==> flow/design.v <==
module alu_arith_add_top #(
   parameter integer DWIDTH = 6
) (
   input  wire clk,
   input  wire rst_n,
   input  wire [DWIDTH-1:0] op_a,
   input  wire [DWIDTH-1:0] op_b,
   input  wire [DWIDTH-1:0] op_c,
   output reg [DWIDTH+1:0] o
);
   wire [DWIDTH-1:0] nxt = op_a ^ op_b ^ op_c;
   wire [DWIDTH-1:0] chain = (op_a & op_b) | (op_a & op_c) | (op_b & op_c);
   always @(posedge clk or negedge rst_n) begin
      if (!rst_n) begin
         o <= 0;
      end else begin
         o <= nxt + {chain, 1'b0};
      end
   end
endmodule
; From RTL to reports: alu_arith_add_top
; What the tools print for alu_arith_add_top, step after step.
; Line numbers count from 1 in the design file above.
; Operators carry their Yosys type and port widths (W data, S select, Z words).
; Library cell names are shortened.
; The mark - stands for no value.
[design]
top = alu_arith_add_top
clock_port = clk
cell_library = sky130hd
lib_corner = tt_025C_1v80

; Word-level counts
; Yosys after proc, flatten, opt, wreduce and memory -nomap, before mapping. Enables and synchronous resets that opt folds into registers are not counted as muxes. Memory bits, and registers merged into a memory's read port (data or address), are not among the register bits. Print and check cells are not counted. Equal cells are merged and count once.
[classes]
addsub = 1
bitwise = 7
[op_table]
columns = op, count
row1 = $and A6 B6 Y6, 3
row2 = $or A6 B6 Y6, 2
row3 = $xor A6 B6 Y6, 2
row4 = $add A6 B7 Y8, 1
[word_totals]
reg_bits = 8
wordCells = 9

; Depth
; Depth = most cells in a row (Yosys ltp): at word level without a register or memory, in the mapped netlist without a sequential cell, where the memories' decode and read muxes count.
[logic_depth]
word_depth = 4
ABC_AREA = 0
depth_mapped = 10
ltp_nobuf = 10

; Mapped cells and area
; Source: synth_stat.txt of the flow (Yosys; design flattened, memories mapped). It holds for the ABC_AREA given above (unset counts as 0); a run with the other value may have another netlist.
[mapped]
cell_count = 49
yosys_area_um2 = 561.8
ff_cells = 8
[types]
columns = type, count, area_total_um2
row1 = dfrtp_1, 8, 200.192
row2 = fa_1, 7, 140.134
row3 = ha_1, 5, 62.56
row4 = inv_1, 14, 52.55
row5 = xnor2_1, 3, 26.275
row6 = a21oi_1, 3, 15.014
row7 = a211oi_2, 1, 12.512
row8 = o21ai_0, 2, 10.01
row9 = a21o_2, 1, 8.758
row10 = xor2_1, 1, 8.758
row11 = o21a_1, 1, 7.507
row12 = o21bai_1, 1, 7.507
row13 = nor2b_1, 1, 6.256
row14 = nor2_1, 1, 3.754

; Worst setup path after synthesis
; OpenSTA on the mapped netlist: ideal clock, no wires. The path of least setup slack (recovery checks aside). Input and output delay are each 20% of the period. Register names are those of the netlist, which keeps one name where synthesis merged equal registers.
[synth_timing]
path_type = input -> register
from = input port op_a[1]
to = register o[5]
period_ns = 2.6
setup_ns = 0.122
arrival_time_ns = 2.061
required_time_ns = 2.478
setup_slack_ns = 0.417
path_delay_ns = 1.663
path_stages = 8
period_less_setup_slack_ns = 2.183
; "path_delay_ns" is the arrival time less input delay plus setup time.
; "path_stages" counts driving pins, that of a launching flip-flop among them; a cell with two outputs on the path counts twice.
; "period_less_setup_slack_ns" = period - worst setup slack (recovery checks aside). The figure is calculated, with input and output delays left at 20% of the set period.
; The rows between start and end are the longest chain of elaborated cells between them; the timing report does not say that the signal goes this way. Where chains are equally long, one stands for them.
; Each line given opens the expression or statement behind the cell; cells for indexed reads and writes are added by Yosys, which also makes memories of some case tables.
[synth_between]
path_cell_list = fa_1 -> ha_1 -> inv_1 -> fa_1 -> nor2b_1 -> o21a_1 -> nor2_1 -> xnor2_1
elab_chain_cells = 4
cells_between = 7
classes_between = add/sub (1); logic (6)
[synth_rtl]
columns = item, line_no
row1 = from (decl), 6  ; input  wire [DWIDTH-1:0] op_a,
row2 = $and A6 B6 Y6, 12  ; wire [DWIDTH-1:0] chain = (op_a & op_b) | (op_a & op_c) | (op_b & op_c);
row3 = $or A6 B6 Y6 x2, 12
row4 = $add A6 B7 Y8, 17  ; o <= nxt + {chain, 1'b0};
row5 = to (assign), 15  ; o <= 0;
row6 = to (assign), 17
row7 = to (decl), 9  ; output reg [DWIDTH+1:0] o

; Path in the finished layout
; From the final timing report of run A: the path of least setup slack in the routed layout; clock arrival at registers is part of the times.
[layout_timing]
path_type = input -> register
from = input port op_a[1]
to = register o[7]
period_ns = 2.6
setup_ns = 0.08
arrival_time_ns = 2.61
required_time_ns = 2.77
setup_slack_ns = 0.16
path_stages = 9
; The rows between start and end are the longest chain of elaborated cells between them; the timing report does not say that the signal goes this way. Where chains are equally long, one stands for them.
[layout_between]
path_cell_list = clkdlybuf4s50_1 -> fa_1 -> ha_1 -> inv_1 -> fa_1 -> nor2b_1 -> o21a_1 -> o21ai_0 -> a21oi_1
elab_chain_cells = 4
cells_between = 7
classes_between = add/sub (1); logic (6)
[layout_rtl]
columns = item, line_no
row1 = from (decl), 6  ; input  wire [DWIDTH-1:0] op_a,
row2 = $and A6 B6 Y6, 12  ; wire [DWIDTH-1:0] chain = (op_a & op_b) | (op_a & op_c) | (op_b & op_c);
row3 = $or A6 B6 Y6 x2, 12
row4 = $add A6 B7 Y8, 17  ; o <= nxt + {chain, 1'b0};
row5 = to (assign), 15  ; o <= 0;
row6 = to (assign), 17
row7 = to (decl), 9  ; output reg [DWIDTH+1:0] o

; Top module alu_arith_add_top; platform sky130hd; tools Yosys and OpenROAD; 3 stored runs in no particular order. Input and output delays are each 20% of the period that was set; the output load is 0.01 pF.
; "clock_period_reached_ns" is the run's clock period less its worst setup slack. It is reckoned from that one timing run; input and output delays stay at 20% of the period that was set.

[run A: settings]
period_ns = 2.6
CAP_MARGIN = 20
CORE_MARGIN = 2
CORE_UTILIZATION = 40
SLEW_MARGIN = 20
[run A: results]
post_synth_area_um2 = 561.8
total_die_area_um2 = 1720.2
finalCellArea_um2 = 888.4
post_route_util_pct = 68.3
final_setup_ws_ns = 0.156
tns_setup_ns = 0.000
clock_period_reached_ns = 2.444

[run B: settings]
period_ns = 1.9
CORE_UTILIZATION = 29
PLACE_DENSITY_LB_ADDON = 0.14
CELL_PAD_IN_SITES_GLOBAL_PLACEMENT = 2
ABC_AREA = 0
CTS_CLUSTER_SIZE = 93
CTS_CLUSTER_DIAMETER = 347
CAP_MARGIN = 15
SLEW_MARGIN = 15
CORE_MARGIN = 2
[run B: results]
post_synth_area_um2 = 561.8
total_die_area_um2 = 2305.4
finalCellArea_um2 = 980.9
post_route_util_pct = 55.0
final_setup_ws_ns = 0.029
tns_setup_ns = 0.000
clock_period_reached_ns = 1.871

[run C: settings]
period_ns = 3.31
CORE_UTILIZATION = 62
SETUP_SLACK_MARGIN = 0.27
PLACE_DENSITY = 0.53
CORE_ASPECT_RATIO = 1.19
CELL_PAD_IN_SITES_GLOBAL_PLACEMENT = 0
TNS_END_PERCENT = 95
GPL_ROUTABILITY_DRIVEN = 1
CAP_MARGIN = 35
MIN_ROUTING_LAYER = met2
MAX_ROUTING_LAYER = met4
CORE_MARGIN = 2
SLEW_MARGIN = 20
[run C: results]
outcome = no final report: floorplanning broke off with PDN-0185
